==> flow/design.v <==
module my_reg_file_mod_entry #(parameter N = 8) (
  input wire clk,
  input wire en,
  input wire [N-1:0] d,
  output reg [N-1:0] q
);
  always @(posedge clk)
    if (en) q <= d;
endmodule
module my_reg_file_mod (aclk, rst_i, wr_en, wa, wdata, rsel, rdata);
  parameter WORDS = 64;
  parameter WIDTH = 4;
  parameter NUM_RD = 3;
  localparam ADDR_W = $clog2(WORDS);
  input aclk;
  input rst_i;
  input wr_en;
  input [ADDR_W-1:0] wa;
  input [WIDTH-1:0] wdata;
  input [NUM_RD*ADDR_W-1:0] rsel;
  output [NUM_RD*WIDTH-1:0] rdata;
  reg wr_en_r;
  reg [ADDR_W-1:0] wa_r;
  reg [WIDTH-1:0] wdata_r;
  always @(posedge aclk) begin
    if (rst_i) begin
      wr_en_r <= 1'b0;
      wa_r <= 0;
      wdata_r <= 0;
    end else begin
      wr_en_r <= wr_en;
      wa_r <= wa;
      wdata_r <= wdata;
    end
  end
  wire [WORDS*WIDTH-1:0] store;
  genvar i;
  generate
    for (i = 0; i < WORDS; i = i + 1) begin : blk
      my_reg_file_mod_entry #(.N(WIDTH)) u (.clk(aclk), .en(wr_en_r && wa_r == i), .d(wdata_r), .q(store[i*WIDTH +: WIDTH]));
    end
  endgenerate
  reg [NUM_RD*ADDR_W-1:0] rsel_r;
  always @(posedge aclk) begin
    if (rst_i) begin
      rsel_r <= 0;
    end else begin
      rsel_r <= rsel;
    end
  end
  wire [NUM_RD*WIDTH-1:0] work;
  genvar j;
  generate
    for (j = 0; j < NUM_RD; j = j + 1) begin : each
      assign work[j*WIDTH +: WIDTH] = store[rsel_r[j*ADDR_W +: ADDR_W]*WIDTH +: WIDTH];
    end
  endgenerate
  reg [NUM_RD*WIDTH-1:0] rdata_r;
  always @(posedge aclk) begin
    if (rst_i) begin
      rdata_r <= 0;
    end else begin
      rdata_r <= work;
    end
  end
  assign rdata = rdata_r;
endmodule
* From RTL to reports: my_reg_file_mod
What the tools print for my_reg_file_mod, step after step. Lines are those of the file above, counted from 1. Library cell names are shortened. The mark - stands for no value.
Design: design top my_reg_file_mod, clock port aclk, library sky130hd, timing corner tt_025C_1v80

* Elaborated design
Yosys after proc, flatten, opt, wreduce and memory -nomap, before mapping. Enables and synchronous resets that opt folds into registers are not counted as muxes. Memory bits, and registers merged into a memory's read port (data or address), are not among the register bits. Print and check cells are not counted. Equal cells are merged and count once.
Cells by class: $add $sub $neg 0, divide/modulo/power cells 0, magnitude comparators 0, bitwise logic cells 0, equality and inequality tests 63, reductions and logical operators 65, shifts and indexed selects 3, multiply operators 0, mux-type cells 0
Operators with widths (number):
- 256-bit by 9-bit indexed select with 4-bit output | 3
- 6-bit == test (second input constant) | 32
- 6-bit by 5-bit == test with 1-bit output (second input constant) | 16
- 1-bit logical AND | 64
- 6-bit by 4-bit == test with 1-bit output (second input constant) | 8
- 6-bit by 3-bit == test with 1-bit output (second input constant) | 4
- 6-bit by 2-bit == test with 1-bit output (second input constant) | 2
- 6-bit by 1-bit == test with 1-bit output (second input constant) | 1
- 6-bit logical NOT | 1
Bit counts: input port bits 31, flip-flop bits (word level) 297, memory bits (writable) 0, bits in latches 0, memory cells 0, clocked read ports x word width 0, ROM bits 0, output and inout port bits 12

* Longest topological paths
Depth = most cells in a row (Yosys ltp): at word level without a register or memory, in the mapped netlist without a sequential cell, where the memories' decode and read muxes count.
Logic depth: depth in word-level cells 2, ABC_AREA 0, mapped depth 9, depth with buffers taken out 5

* After synthesis
Source: synth_stat.txt of the flow (Yosys; design flattened, memories mapped). It holds for the ABC_AREA given above (unset counts as 0); a run with the other value may have another netlist.
Cells by type:
- edfxtp_1 | number 256, area in all 7.69E+03 µm²
- mux4_2 | number 188, area in all 4.23E+03 µm²
- dfxtp_1 | number 41, area in all 820.787 µm²
- mux2i_1 | number 39, area in all 390.374 µm²
- nor2_1 | number 93, area in all 349.085 µm²
- nor2b_1 | number 45, area in all 281.52 µm²
- nand2_1 | number 45, area in all 168.912 µm²
- buf_4 | number 19, area in all 142.637 µm²
- mux2_2 | number 10, area in all 112.608 µm²
- nand2b_1 | number 18, area in all 112.608 µm²
- buf_2 | number 20, area in all 100.096 µm²
- nand3_1 | number 18, area in all 90.086 µm²
- o221ai_1 | number 10, area in all 87.584 µm²
- clkbuf_1 | number 23, area in all 86.333 µm²
- o22ai_1 | number 11, area in all 68.816 µm²
- a22oi_1 | number 9, area in all 67.565 µm²
- buf_6 | number 6, area in all 67.565 µm²
- o21ai_0 | number 10, area in all 50.048 µm²
Other cell types: 28; their cells: 88.
Synthesis totals: sequential part of the area 8508.2 µm², mapped flip-flops 297, cells in the netlist 949, mapped area 15516.1 µm², buffer cells 72
By module: a second synthesis without flattening, with its own total; a netlist apart from the flattened one above.
Second synthesis, totals: cells (unflattened synthesis) 893, area (unflattened synthesis) 15494.9 µm²
Rows give one instance, submodules left out.
By module:
- my_reg_file_mod | sequential area 820.8 µm², cells 637, area 7807.5 µm², instances 1
- my_reg_file_mod_entry #(N=4) | sequential area 120.1 µm², cells 4, area 120.1 µm², instances 64

* Worst setup path after synthesis
Source: OpenSTA report_checks on the synthesized netlist (no wires, ideal clock, input and output delay 20% of the period each), path of least setup slack; recovery checks are left aside. Register names are those of the netlist, which keeps one name where synthesis merged equal registers.
Path after synthesis: path type reg2reg, start point reg rsel_r[6], end point reg rdata_r[4], clock period 2240 ps, arrival 1676 ps, delay of the path 1793 ps, slack 447 ps, stages on the path 7, launch time at the first pin 0 ps, synthesis period reached 1793 ps
"delay of the path" = arrival - input delay + setup time. "stages on the path": output pins that drive a net of the path, with the launching flip-flop's if there is one; two outputs of one cell count as two. "synthesis period reached" is the clock period less the worst setup slack; recovery checks do not enter. This is arithmetic on one report: input and output delays are still those of the set period (20% each). The rows between start and end are the longest chain of elaborated cells between them; the timing report does not say that the signal goes this way. Where chains are equally long, one stands for them. Each line given opens the expression or statement behind the cell; cells for indexed reads and writes are added by Yosys, which also makes memories of some case tables.
On the way, after synthesis: path through dfxtp_1 buf_4 buf_4 mux4_2 o22ai_1 o21ai_0 a22o_1, cells in the longest elaborated chain 1, elaborated cells between the ends (all ways) 1, source lines of those cells 1
Ends and longest elaborated chain, after synthesis:
- start: declaration | RTL line 43 | reg [NUM_RD*ADDR_W-1:0] rsel_r;
- start: assignment | RTL line 46 | rsel_r <= 0;
- start: assignment | RTL line 48 | rsel_r <= rsel;
- 256-bit by 9-bit indexed select with 4-bit output | RTL line 55 | assign work[j*WIDTH +: WIDTH] = store[rsel_r[j*ADDR_W +: ADDR_W]*WIDTH +: WIDTH];
- end: assignment | RTL line 61 | rdata_r <= 0;
- end: assignment | RTL line 63 | rdata_r <= work;
- end: declaration | RTL line 58 | reg [NUM_RD*WIDTH-1:0] rdata_r;

* Timing after layout
Path of least setup slack in the final report of stored run 1 (OpenROAD, finished layout, wires in). Where an end is a register, its clock arrival counts in the times. The path's times are printed in steps of 10 ps; the period is the one set.
Path after layout: path type reg2reg, start point reg rsel_r[6], end point reg rdata_r[6], clock period 1820 ps, slack -220 ps, launch time at the first pin 560 ps, arrival 2490 ps, stages on the path 8
The rows between start and end are the longest chain of elaborated cells between them; the timing report does not say that the signal goes this way. Where chains are equally long, one stands for them.
On the way, after layout: path through dfxtp_4 buf_6 buf_12 buf_6 mux4_2 mux2i_4 a221oi_4 a22o_1, cells in the longest elaborated chain 1, elaborated cells between the ends (all ways) 1, source lines of those cells 1
Ends and longest elaborated chain, after layout:
- start: declaration | RTL line 43 | reg [NUM_RD*ADDR_W-1:0] rsel_r;
- start: assignment | RTL line 46 | rsel_r <= 0;
- start: assignment | RTL line 48 | rsel_r <= rsel;
- 256-bit by 9-bit indexed select with 4-bit output | RTL line 55 | assign work[j*WIDTH +: WIDTH] = store[rsel_r[j*ADDR_W +: ADDR_W]*WIDTH +: WIDTH];
- end: assignment | RTL line 61 | rdata_r <= 0;
- end: assignment | RTL line 63 | rdata_r <= work;
- end: declaration | RTL line 58 | reg [NUM_RD*WIDTH-1:0] rdata_r;

Data sheet: physical implementation of my_reg_file_mod

my_reg_file_mod through Yosys and OpenROAD on sky130hd: 3 stored runs, unordered, with their settings and measured results. The constraints put input and output delay at 20% of the set period each and load the outputs with 0.01 pF.
"clock period achieved" = clock period - worst setup slack. The figure is calculated, with input and output delays left at 20% of the set period.
"critical path time" means the part of the period allowed to the worst setup path (the constraints hold back 20% at inputs and 20% at outputs) less its slack; where the path has registers, the arrival times of their clocks count too.
"power" is the tool's figure for a default switching activity; nothing was simulated.
"critical path time" is known to 10 ps.

* Stored run 1 | settings: period_ns 1.82; CORE_UTILIZATION 35; SETUP_SLACK_MARGIN -0.02; PLACE_DENSITY_LB_ADDON 0.08; CORE_ASPECT_RATIO 1.01; CELL_PAD_IN_SITES_GLOBAL_PLACEMENT 1; CELL_PAD_IN_SITES_DETAIL_PLACEMENT 2; TNS_END_PERCENT 25; GPL_TIMING_DRIVEN 1; CTS_CLUSTER_DIAMETER 207; CAP_MARGIN 5; MAX_ROUTING_LAYER met4; CORE_MARGIN 2; SLEW_MARGIN 20 | results: clock period achieved 2,038 ps; critical path time 2,040 ps; critical path kind reg2reg; netlist area reported by Yosys 15,516.1 µm²; utilization in the final report 46.6%; worst hold slack after layout 246 ps; power 17,440 µW; die area 46,031.7 µm²; sum of negative setup slack -2,116 ps; standard-cell area after layout 20,377.0 µm²; smallest setup slack -218 ps
* Stored run 2 | settings: period_ns 2.24; CAP_MARGIN 20; CORE_MARGIN 2; CORE_UTILIZATION 40; SLEW_MARGIN 20 | results: clock period achieved 2,139 ps; critical path time 2,140 ps; critical path kind reg2reg; netlist area reported by Yosys 15,516.1 µm²; utilization in the final report 47.6%; worst hold slack after layout 467 ps; power 13,001 µW; die area 40,380.9 µm²; sum of negative setup slack 0 ps; standard-cell area after layout 18,322.6 µm²; smallest setup slack 101 ps
* Stored run 3 | settings: period_ns 1.81; CORE_UTILIZATION 33; SETUP_SLACK_MARGIN 0.1; PLACE_DENSITY_LB_ADDON 0.13; CORE_ASPECT_RATIO 1.02; CELL_PAD_IN_SITES_GLOBAL_PLACEMENT 1; CELL_PAD_IN_SITES_DETAIL_PLACEMENT 2; TNS_END_PERCENT 75; ABC_AREA 1; GPL_TIMING_DRIVEN 1; CAP_MARGIN 40; SLEW_MARGIN 15; MIN_ROUTING_LAYER met1; MAX_ROUTING_LAYER met5; CORE_MARGIN 2 | results: clock period achieved 2,019 ps; critical path time 2,020 ps; critical path kind reg2reg; netlist area reported by Yosys 17,018.8 µm²; utilization in the final report 48.0%; worst hold slack after layout 238 ps; power 20,785 µW; die area 53,404.5 µm²; sum of negative setup slack -1,574 ps; standard-cell area after layout 24,597.3 µm²; smallest setup slack -209 ps
